==> flow/design.v <==
module selector #(
    parameter DATA_W = 8,
    parameter COUNT = 10
) (
    input logic core_clk,
    input logic srst,
    input logic en,
    input logic [COUNT*DATA_W-1:0] val,
    input logic [COUNT-1:0] choose,
    output logic [DATA_W-1:0] out
);
    logic [DATA_W-1:0] work;
    always_comb begin
        work = '0;
        for (int i = COUNT-1; i >= 0; i = i - 1)
            if (choose[i]) work = val[i*DATA_W +: DATA_W];
    end
    always_ff @(posedge core_clk or posedge srst) begin
        if (srst) begin
            out <= '0;
        end else if (en) begin
            out <= work;
        end
    end
endmodule
Reports on selector
Tool output for the design above, in the order of the flow.
Lines are those of the file above, counted from 1.
Operators carry their Yosys type and port widths (W data, S select, Z words).
Cell names lack the library's common part.
{"block": "inputs", "top": "selector", "clk_port": "core_clk", "library": "sky130hd", "pvt_corner": "tt_025C_1v80"}

Elaborated design
Source: Yosys, flattened and elaborated, memories not mapped. Widths are those after wreduce; folded enables and synchronous resets count as part of the registers. Registers that Yosys merges into a memory's read port (data or address) are not register bits. Print and check cells do not count. Equal cells are merged and count once.
{"block": "word_totals", "out_inout_bits": 8, "inputBits": 93, "ff_bits": 8, "wordCells": 11}
{"block": "op_classes", "n_mux": 10}
{"block": "op_table", "op": "$mux W8", "count": 10}

Logic depth
Longest topological path by Yosys (ltp), each cell counted once; first at word level (registers and memories cut), then after technology mapping (sequential cells cut; the memories' decode and read muxes count).
{"block": "depth", "word_depth": 10, "abc_area": 0, "depth_mapped": 7, "mapped_depth_nobuf": 4}

After synthesis
Source: synth_stat.txt of the flow (Yosys; design flattened, memories mapped). It holds for the ABC_AREA given above (unset counts as 0); a run with the other value may have another netlist.
{"block": "mapped", "mapped_cells": 149, "ff_cells": 8, "sequential_area_um2": 200.2, "area_um2": 1248.7, "buf_cells": 14}
{"block": "by_type", "type": "dfrtp_1", "count": 8, "area_total_um2": 200.192}
{"block": "by_type", "type": "a221oi_2", "count": 6, "area_total_um2": 90.086}
{"block": "by_type", "type": "nor2b_1", "count": 14, "area_total_um2": 87.584}
{"block": "by_type", "type": "o311ai_2", "count": 5, "area_total_um2": 81.328}
{"block": "by_type", "type": "nand2_1", "count": 20, "area_total_um2": 75.072}
{"block": "by_type", "type": "nor3b_2", "count": 5, "area_total_um2": 62.56}
{"block": "by_type", "type": "a221o_1", "count": 6, "area_total_um2": 60.058}
{"block": "by_type", "type": "o211ai_1", "count": 8, "area_total_um2": 60.058}
{"block": "by_type", "type": "a211o_1", "count": 6, "area_total_um2": 52.55}
{"block": "by_type", "type": "a21oi_2", "count": 6, "area_total_um2": 52.55}
{"block": "by_type", "type": "and4_1", "count": 6, "area_total_um2": 52.55}
{"block": "by_type", "type": "o221ai_1", "count": 6, "area_total_um2": 52.55}
{"block": "by_type", "type": "buf_6", "count": 4, "area_total_um2": 45.043}
{"block": "by_type", "type": "nor3b_1", "count": 5, "area_total_um2": 37.536}
{"block": "by_type", "type": "buf_2", "count": 7, "area_total_um2": 35.034}
{"block": "by_type", "type": "nor2_1", "count": 8, "area_total_um2": 30.029}
{"block": "by_type", "type": "inv_1", "count": 7, "area_total_um2": 26.275}
{"block": "by_type", "type": "o31ai_1", "count": 3, "area_total_um2": 22.522}
Not listed: further types 11, cells in them 19.

Timing after synthesis
OpenSTA on the mapped netlist: ideal clock, no wires. The path of least setup slack (recovery checks aside). Input and output delay are each 20% of the period. Register names are those of the netlist, which keeps one name where synthesis merged equal registers.
{"block": "synth_path", "path_type": "input to register", "start": "input (no name shown)", "end": "register out[0]", "path_stages": 5, "path_buffers": 1, "path_slack_ns": 0.232, "clock_period_ns": 1.46, "required_ns": 1.334, "launch_ns": 0.292, "input_delay_ns": 0.292, "arrival_time_ns": 1.101, "setup_time_ns": 0.126, "delay_ns": 0.935, "period_less_setup_slack_ns": 1.228}
"delay_ns" = arrival - input delay + setup time.
"path_stages" counts driving pins, that of a launching flip-flop among them; a cell with two outputs on the path counts twice.
"period_less_setup_slack_ns" is the clock period less the worst setup slack; recovery checks do not enter. This is arithmetic on one report: input and output delays are still those of the set period (20% each).
The rows between start and end are the longest chain of elaborated cells between them; the timing report does not say that the signal goes this way. Where chains are equally long, one stands for them.
A line is the first line of the expression or statement that the cell stems from. Yosys adds cells for indexed reads and writes and turns some case tables into memories.
{"block": "synth_via", "cell_sequence": "buf_2 > a211o_1 > a221o_1 > o211ai_1 > a21oi_2", "elab_chain_len": 8, "cone_cells": 8, "lines_between": 1, "classes_between": "8 x mux"}
{"block": "synth_lines", "element": "start: declaration", "line": 9}
{"block": "synth_lines", "element": "$mux W8 (8 in a row)", "line": 16}
{"block": "synth_lines", "element": "end: assignment", "line": 20, "source": "out <= '0;"}
{"block": "synth_lines", "element": "end: assignment", "line": 22, "source": "out <= work;"}
{"block": "synth_lines", "element": "end: declaration", "line": 10, "source": "output logic [DATA_W-1:0] out"}

Worst path after layout
Path of least setup slack in the final report of flow run 2 (OpenROAD, finished layout, wires in). Where an end is a register, its clock arrival counts in the times.
{"block": "layout_path", "path_type": "register to output", "start": "register out[5]", "end": "output out[5]", "launch_ns": 0.25, "path_buffers": 1, "clock_period_ns": 1.46, "arrival_time_ns": 1.14, "output_delay_ns": 0.29, "path_stages": 2, "required_ns": 1.17, "path_slack_ns": 0.03}
{"block": "layout_via", "cell_sequence": "dfrtp_1 > clkdlybuf4s50_1", "elab_chain_len": 0, "cone_cells": 0, "lines_between": 0}
{"block": "layout_lines", "element": "start: declaration", "line": 10, "source": "output logic [DATA_W-1:0] out"}
{"block": "layout_lines", "element": "start: assignment", "line": 20, "source": "out <= '0;"}
{"block": "layout_lines", "element": "start: assignment", "line": 22, "source": "out <= work;"}
{"block": "layout_lines", "element": "end: declaration", "line": 10}

Ticket comment

Measured results for selector: 3 stored runs of the Yosys and OpenROAD flow on sky130hd. The settings differ; the order carries no meaning. The constraints put input and output delay at 20% of the set period each and load the outputs with 0.01 pF.
By "achieved_period_ns" is meant the clock period of the run minus its worst setup slack. This is arithmetic on one report: input and output delays are still those of the set period (20% each).
"worstPathTime_ns" is the time allowed to the run's worst setup path (the clock period less input and output delay, where it has them) less its slack. Clock arrival times count: a late capture clock shortens it, a late launch clock lengthens it.
"power_mw" is the tool's figure for a default switching activity; nothing was simulated.

Flow run 1
==> flow/run.sh <==
#!/bin/bash
# the make line also repeats the synthesis and layout settings of config.mk as NAME=value (left out here)
make -C /OpenROAD-flow-scripts/flow DESIGN_CONFIG=/design/flow/config.mk WORK_HOME=/design/flow/orfs CLKGATE_MAP_FILE= finish
==> flow/config.mk <==
export PLATFORM = sky130hd
export DESIGN_NAME = selector
export DESIGN_NICKNAME = selector
export VERILOG_FILES = /design/flow/design.v
export SDC_FILE = /design/flow/constraint.sdc
export NUM_CORES = 4
export LEC_CHECK = 0
export CAP_MARGIN = 20
export CORE_MARGIN = 2
export CORE_UTILIZATION = 72
export CTS_CLUSTER_DIAMETER = 246
export CTS_CLUSTER_SIZE = 14
export GPL_TIMING_DRIVEN = 0
export MAX_ROUTING_LAYER = met4
export MIN_ROUTING_LAYER = met1
export PLACE_DENSITY_LB_ADDON = 0.21
export SLEW_MARGIN = 20
==> flow/constraint.sdc <==
create_clock -name core_clock -period 1.93 [get_ports {core_clk}]
set_input_delay 0.3860 -clock core_clock [delete_from_list [all_inputs] [get_ports {core_clk}]]
set_output_delay 0.3860 -clock core_clock [all_outputs]
set_load 0.01 [all_outputs]

==> results of flow run 1, as JSON <==
{
  "outcome": "not finished: placement ended with error FLW-0024"
}

Flow run 2
==> flow/run.sh <==
#!/bin/bash
# the make line also repeats the synthesis and layout settings of config.mk as NAME=value (left out here)
make -C /OpenROAD-flow-scripts/flow DESIGN_CONFIG=/design/flow/config.mk WORK_HOME=/design/flow/orfs CLKGATE_MAP_FILE= finish
==> flow/config.mk <==
export PLATFORM = sky130hd
export DESIGN_NAME = selector
export DESIGN_NICKNAME = selector
export VERILOG_FILES = /design/flow/design.v
export SDC_FILE = /design/flow/constraint.sdc
export NUM_CORES = 4
export LEC_CHECK = 0
export CAP_MARGIN = 20
export CORE_MARGIN = 2
export CORE_UTILIZATION = 40
export SLEW_MARGIN = 20
==> flow/constraint.sdc <==
create_clock -name core_clock -period 1.46 [get_ports {core_clk}]
set_input_delay 0.2920 -clock core_clock [delete_from_list [all_inputs] [get_ports {core_clk}]]
set_output_delay 0.2920 -clock core_clock [all_outputs]
set_load 0.01 [all_outputs]

==> results of flow run 2, as JSON <==
{
  "final_util_pct": 81.5,
  "design_die_area_um2": 3584.4,
  "synth_chip_area_um2": 1248.7,
  "power_mw": 1.074,
  "setupTns_ns": 0.000,
  "achieved_period_ns": 1.431,
  "finish.stdcell_area_um2": 2448.6,
  "fin_ws_ns": 0.029,
  "worstPathTime_ns": 1.14,
  "critical_path_kind": "register to output"
}

Flow run 3
==> flow/run.sh <==
#!/bin/bash
# the make line also repeats the synthesis and layout settings of config.mk as NAME=value (left out here)
make -C /OpenROAD-flow-scripts/flow DESIGN_CONFIG=/design/flow/config.mk WORK_HOME=/design/flow/orfs CLKGATE_MAP_FILE= finish
==> flow/config.mk <==
export PLATFORM = sky130hd
export DESIGN_NAME = selector
export DESIGN_NICKNAME = selector
export VERILOG_FILES = /design/flow/design.v
export SDC_FILE = /design/flow/constraint.sdc
export NUM_CORES = 4
export LEC_CHECK = 0
export ABC_AREA = 1
export CAP_MARGIN = 20
export CORE_ASPECT_RATIO = 0.56
export CORE_MARGIN = 2
export CORE_UTILIZATION = 59
export CTS_CLUSTER_DIAMETER = 204
export CTS_CLUSTER_SIZE = 45
export GPL_ROUTABILITY_DRIVEN = 1
export MAX_ROUTING_LAYER = met4
export MIN_ROUTING_LAYER = met2
export PLACE_DENSITY_LB_ADDON = 0.04
export SETUP_SLACK_MARGIN = 0.01
export SLEW_MARGIN = 15
==> flow/constraint.sdc <==
create_clock -name core_clock -period 2.19 [get_ports {core_clk}]
set_input_delay 0.4380 -clock core_clock [delete_from_list [all_inputs] [get_ports {core_clk}]]
set_output_delay 0.4380 -clock core_clock [all_outputs]
set_load 0.01 [all_outputs]

==> results of flow run 3, as JSON <==
{
  "outcome": "not finished: placement ended with error FLW-0024"
}
